==> flow/design.v <==
module core_shft #(
  parameter int W = 24,
  parameter int SBITS = $clog2(W)
) (
  input logic CLK,
  input logic [W-1:0] in_i,
  input logic [SBITS-1:0] dist_in_i,
  output logic [W-1:0] data_out_o
);
  logic [W-1:0] in_d1;
  logic [SBITS-1:0] dist_in_d1;
  always_ff @(posedge CLK) begin
    in_d1 <= in_i;
    dist_in_d1 <= dist_in_i;
  end
  logic [W-1:0] work;
  always_comb begin
    work = in_d1;
    for (int n = 0; n < SBITS; n++)
      if (dist_in_d1[n]) work = work >> (1 << n);
  end
  assign data_out_o = work;
endmodule
# Step by step through the tools: core_shft
# The steps from the RTL of core_shft to its reports follow in flow order.
# Line numbers count from 1 in the design file above.
# Operators carry their Yosys type and port widths (W data, S select, Z words).
# Library cell names are shortened.
inputs:
  design: "core_shft"
  clock_port: "CLK"
  lib: "sky130hd"
  corner: "tt_025C_1v80"

# Elaborated design
# Source: Yosys, flattened and elaborated, memories not mapped. Widths are those after wreduce; folded enables and synchronous resets count as part of the registers. Registers that Yosys merges into a memory's read port (data or address) are not register bits. Print and check cells do not count. Equal cells are merged and count once.
op_classes:
  reduce_and_logical: 0
  equal: 0
  multipliers: 0
  add_sub_neg: 0
  cmp: 0
  logic: 0
  shifts: 0
  n_div: 0
  n_mux: 5
ops:
  columns: ["operator", "count"]
  rows:
  - ["$mux W24", 5]
bits:
  ramBits: 0
  clocked_rd_ports_x_width: 0
  register_bits: 29
  elab_cells: 7
  latchBits: 0
  output_inout_bits: 24
  romBits: 0
  mem_count: 0

# Longest topological paths
# Yosys ltp: most cells in a row. Word level: on the elaborated netlist, between registers, memories and ports. Mapped: between sequential cells and ports; inverters and the memories' decode and read muxes count.
depth:
  ltp_word: 5
  ABC_AREA: 0
  ltp_mapped: 7
  ltp_nobuf: 4

# Netlist
# The flow's flattened synthesis, as Yosys stat reports it; memories are mapped. The netlist is that of the ABC_AREA named above (0 if unset); the other value can give another one.
mapped:
  mapped_area_um2: 1874.3
  mapped_cells: 161
  ffs: 29
by_type:
  columns: ["cell", "count", "area_total_um2"]
  rows:
  - ["dfxtp_1", 29, 580.557]
  - ["mux4_2", 15, 337.824]
  - ["mux4_1", 7, 183.926]
  - ["mux2_2", 9, 101.347]
  - ["mux2i_1", 10, 100.096]
  - ["nor2_1", 19, 71.318]
  - ["buf_6", 5, 56.304]
  - ["a211oi_1", 7, 52.55]
  - ["nand2_1", 13, 48.797]
  - ["buf_4", 4, 30.029]
  - ["mux4_4", 1, 25.024]
  - ["o21ai_0", 5, 25.024]
  - ["o211ai_1", 3, 22.522]
  - ["buf_12", 1, 20.019]
  - ["nand2b_1", 3, 18.768]
  - ["o22ai_1", 3, 18.768]
  - ["a2bb2oi_1", 2, 17.517]
  - ["mux2_4", 1, 15.014]
# Not listed: further types 18, cells in them 24.

# Path before layout
# OpenSTA on the mapped netlist: ideal clock, no wires. The path of least setup slack (recovery checks aside). Input and output delay are each 20% of the period. Register names are those of the netlist, which keeps one name where synthesis merged equal registers.
synth_path:
  kind: "flip-flop to output port"
  start: "register dist_in_d1[1]"
  end: "output port data_out_o[2]"
  delay_ns: 1.580
  path_slack_ns: 0.396
  arrival_ns: 1.580
  t_required_ns: 1.976
  driving_pins: 7
  tclk_ns: 2.47
  n_path_buf: 2
  synth_period_reached_ns: 2.074
# "delay_ns" is the arrival time less input delay plus setup time.
# At an output port there is no setup time.
# "driving_pins" counts driving pins, that of a launching flip-flop among them; a cell with two outputs on the path counts twice.
# "synth_period_reached_ns" is the clock period less the worst setup slack; recovery checks do not enter. This is arithmetic on one report: input and output delays are still those of the set period (20% each).
# Between the ends stands the longest chain of elaborated cells between them, by number of cells; it is not shown to be the way that was timed. Of several equally long chains one is given.
# Each line given opens the expression or statement behind the cell; cells for indexed reads and writes are added by Yosys, which also makes memories of some case tables.
synth_via:
  path_cell_list: "dfxtp_1 > buf_6 > buf_12 > mux4_2 > mux2_2 > a2bb2oi_1 > o21ai_1"
  elab_chain_len: 4
synth_lines:
  columns: ["item", "line", "text"]
  rows:
  - ["start: declaration", 11, "logic [SBITS-1:0] dist_in_d1;"]
  - ["start: assignment", 14, "dist_in_d1 <= dist_in_i;"]
  - ["$mux W24 (4 in a row)", 20, "if (dist_in_d1[n]) work = work >> (1 << n);"]
  - ["end: declaration", 8, "output logic [W-1:0] data_out_o"]

# Path in the finished layout
# Path of least setup slack in the final report of entry A (OpenROAD, finished layout, wires in). Where an end is a register, its clock arrival counts in the times.
layout_path:
  kind: "flip-flop to output port"
  start: "register dist_in_d1[1]"
  end: "output port data_out_o[5]"
  arrival_ns: 2.07
  t_required_ns: 1.97
  n_path_buf: 3
  tclk_ns: 2.46
  driving_pins: 8
  path_slack_ns: -0.10
# Between the ends stands the longest chain of elaborated cells between them, by number of cells; it is not shown to be the way that was timed. Of several equally long chains one is given.
layout_via:
  path_cell_list: "dfxtp_4 > buf_6 > buf_4 > mux4_2 > mux2_4 > nand2_2 > o211ai_1 > buf_2"
  elab_chain_len: 4
layout_lines:
  columns: ["item", "line", "text"]
  rows:
  - ["start: declaration", 11, "logic [SBITS-1:0] dist_in_d1;"]
  - ["start: assignment", 14, "dist_in_d1 <= dist_in_i;"]
  - ["$mux W24 (4 in a row)", 20, "if (dist_in_d1[n]) work = work >> (1 << n);"]
  - ["end: declaration", 8, "output logic [W-1:0] data_out_o"]

Ticket comment

Below are 3 stored runs of the flow (Yosys, OpenROAD; platform sky130hd) on core_shft, each with its settings and what was measured, unordered. Constraints: input delay and output delay 20% of the set period each, output load 0.01 pF.
"achievedPeriod_ns": clock period set for the run, less the worst setup slack. It is reckoned from that one timing run; input and output delays stay at 20% of the period that was set.
"power.total_mw" rests on the timing tool's default activity at the inputs, not on a simulated workload.

--- entry A ---
==> flow/run.sh <==
#!/bin/bash
# the make line also repeats the synthesis and layout settings of config.mk as NAME=value (left out here)
make -C /OpenROAD-flow-scripts/flow DESIGN_CONFIG=/design/flow/config.mk WORK_HOME=/design/flow/orfs CLKGATE_MAP_FILE= finish
==> flow/config.mk <==
export PLATFORM = sky130hd
export DESIGN_NAME = core_shft
export DESIGN_NICKNAME = core_shft
export VERILOG_FILES = /design/flow/design.v
export SDC_FILE = /design/flow/constraint.sdc
export NUM_CORES = 4
export LEC_CHECK = 0
export CAP_MARGIN = 20
export CELL_PAD_IN_SITES_DETAIL_PLACEMENT = 0
export CELL_PAD_IN_SITES_GLOBAL_PLACEMENT = 1
export CORE_MARGIN = 9
export CORE_UTILIZATION = 20
export GPL_ROUTABILITY_DRIVEN = 1
export GPL_TIMING_DRIVEN = 1
export PLACE_DENSITY = 0.39
export SETUP_SLACK_MARGIN = 0.56
export SLEW_MARGIN = 5
==> flow/constraint.sdc <==
create_clock -name core_clock -period 2.46 [get_ports {CLK}]
set_input_delay 0.4920 -clock core_clock [delete_from_list [all_inputs] [get_ports {CLK}]]
set_output_delay 0.4920 -clock core_clock [all_outputs]
set_load 0.01 [all_outputs]

==> results, as YAML <==
results:
  design.die.area_um2: 13180.2
  post_synth_area_um2: 1874.3
  ws_setup_ns: -0.102
  final_cell_area_um2: 3067.9
  power.total_mw: 1.551
  achievedPeriod_ns: 2.562

--- entry B ---
==> flow/run.sh <==
#!/bin/bash
# the make line also repeats the synthesis and layout settings of config.mk as NAME=value (left out here)
make -C /OpenROAD-flow-scripts/flow DESIGN_CONFIG=/design/flow/config.mk WORK_HOME=/design/flow/orfs CLKGATE_MAP_FILE= finish
==> flow/config.mk <==
export PLATFORM = sky130hd
export DESIGN_NAME = core_shft
export DESIGN_NICKNAME = core_shft
export VERILOG_FILES = /design/flow/design.v
export SDC_FILE = /design/flow/constraint.sdc
export NUM_CORES = 4
export LEC_CHECK = 0
export CAP_MARGIN = 20
export CORE_MARGIN = 2
export CORE_UTILIZATION = 40
export SLEW_MARGIN = 20
==> flow/constraint.sdc <==
create_clock -name core_clock -period 2.47 [get_ports {CLK}]
set_input_delay 0.4940 -clock core_clock [delete_from_list [all_inputs] [get_ports {CLK}]]
set_output_delay 0.4940 -clock core_clock [all_outputs]
set_load 0.01 [all_outputs]

==> results, as YAML <==
results:
  design.die.area_um2: 5249.0
  post_synth_area_um2: 1874.3
  ws_setup_ns: -0.092
  final_cell_area_um2: 2751.4
  power.total_mw: 1.376
  achievedPeriod_ns: 2.562

--- entry C ---
==> flow/run.sh <==
#!/bin/bash
# the make line also repeats the synthesis and layout settings of config.mk as NAME=value (left out here)
make -C /OpenROAD-flow-scripts/flow DESIGN_CONFIG=/design/flow/config.mk WORK_HOME=/design/flow/orfs CLKGATE_MAP_FILE= finish
==> flow/config.mk <==
export PLATFORM = sky130hd
export DESIGN_NAME = core_shft
export DESIGN_NICKNAME = core_shft
export VERILOG_FILES = /design/flow/design.v
export SDC_FILE = /design/flow/constraint.sdc
export NUM_CORES = 4
export LEC_CHECK = 0
export CAP_MARGIN = 15
export CELL_PAD_IN_SITES_DETAIL_PLACEMENT = 2
export CELL_PAD_IN_SITES_GLOBAL_PLACEMENT = 2
export CORE_MARGIN = 4
export CORE_UTILIZATION = 62
export CTS_CLUSTER_DIAMETER = 94
export GPL_ROUTABILITY_DRIVEN = 0
export GPL_TIMING_DRIVEN = 1
export MIN_ROUTING_LAYER = met2
export PLACE_DENSITY = 0.82
export SETUP_SLACK_MARGIN = 0.53
export SLEW_MARGIN = 15
export TNS_END_PERCENT = 95
==> flow/constraint.sdc <==
create_clock -name core_clock -period 2.59 [get_ports {CLK}]
set_input_delay 0.5180 -clock core_clock [delete_from_list [all_inputs] [get_ports {CLK}]]
set_output_delay 0.5180 -clock core_clock [all_outputs]
set_load 0.01 [all_outputs]

==> results, as YAML <==
outcome: "stopped before the end: placement reported GPL-0301"
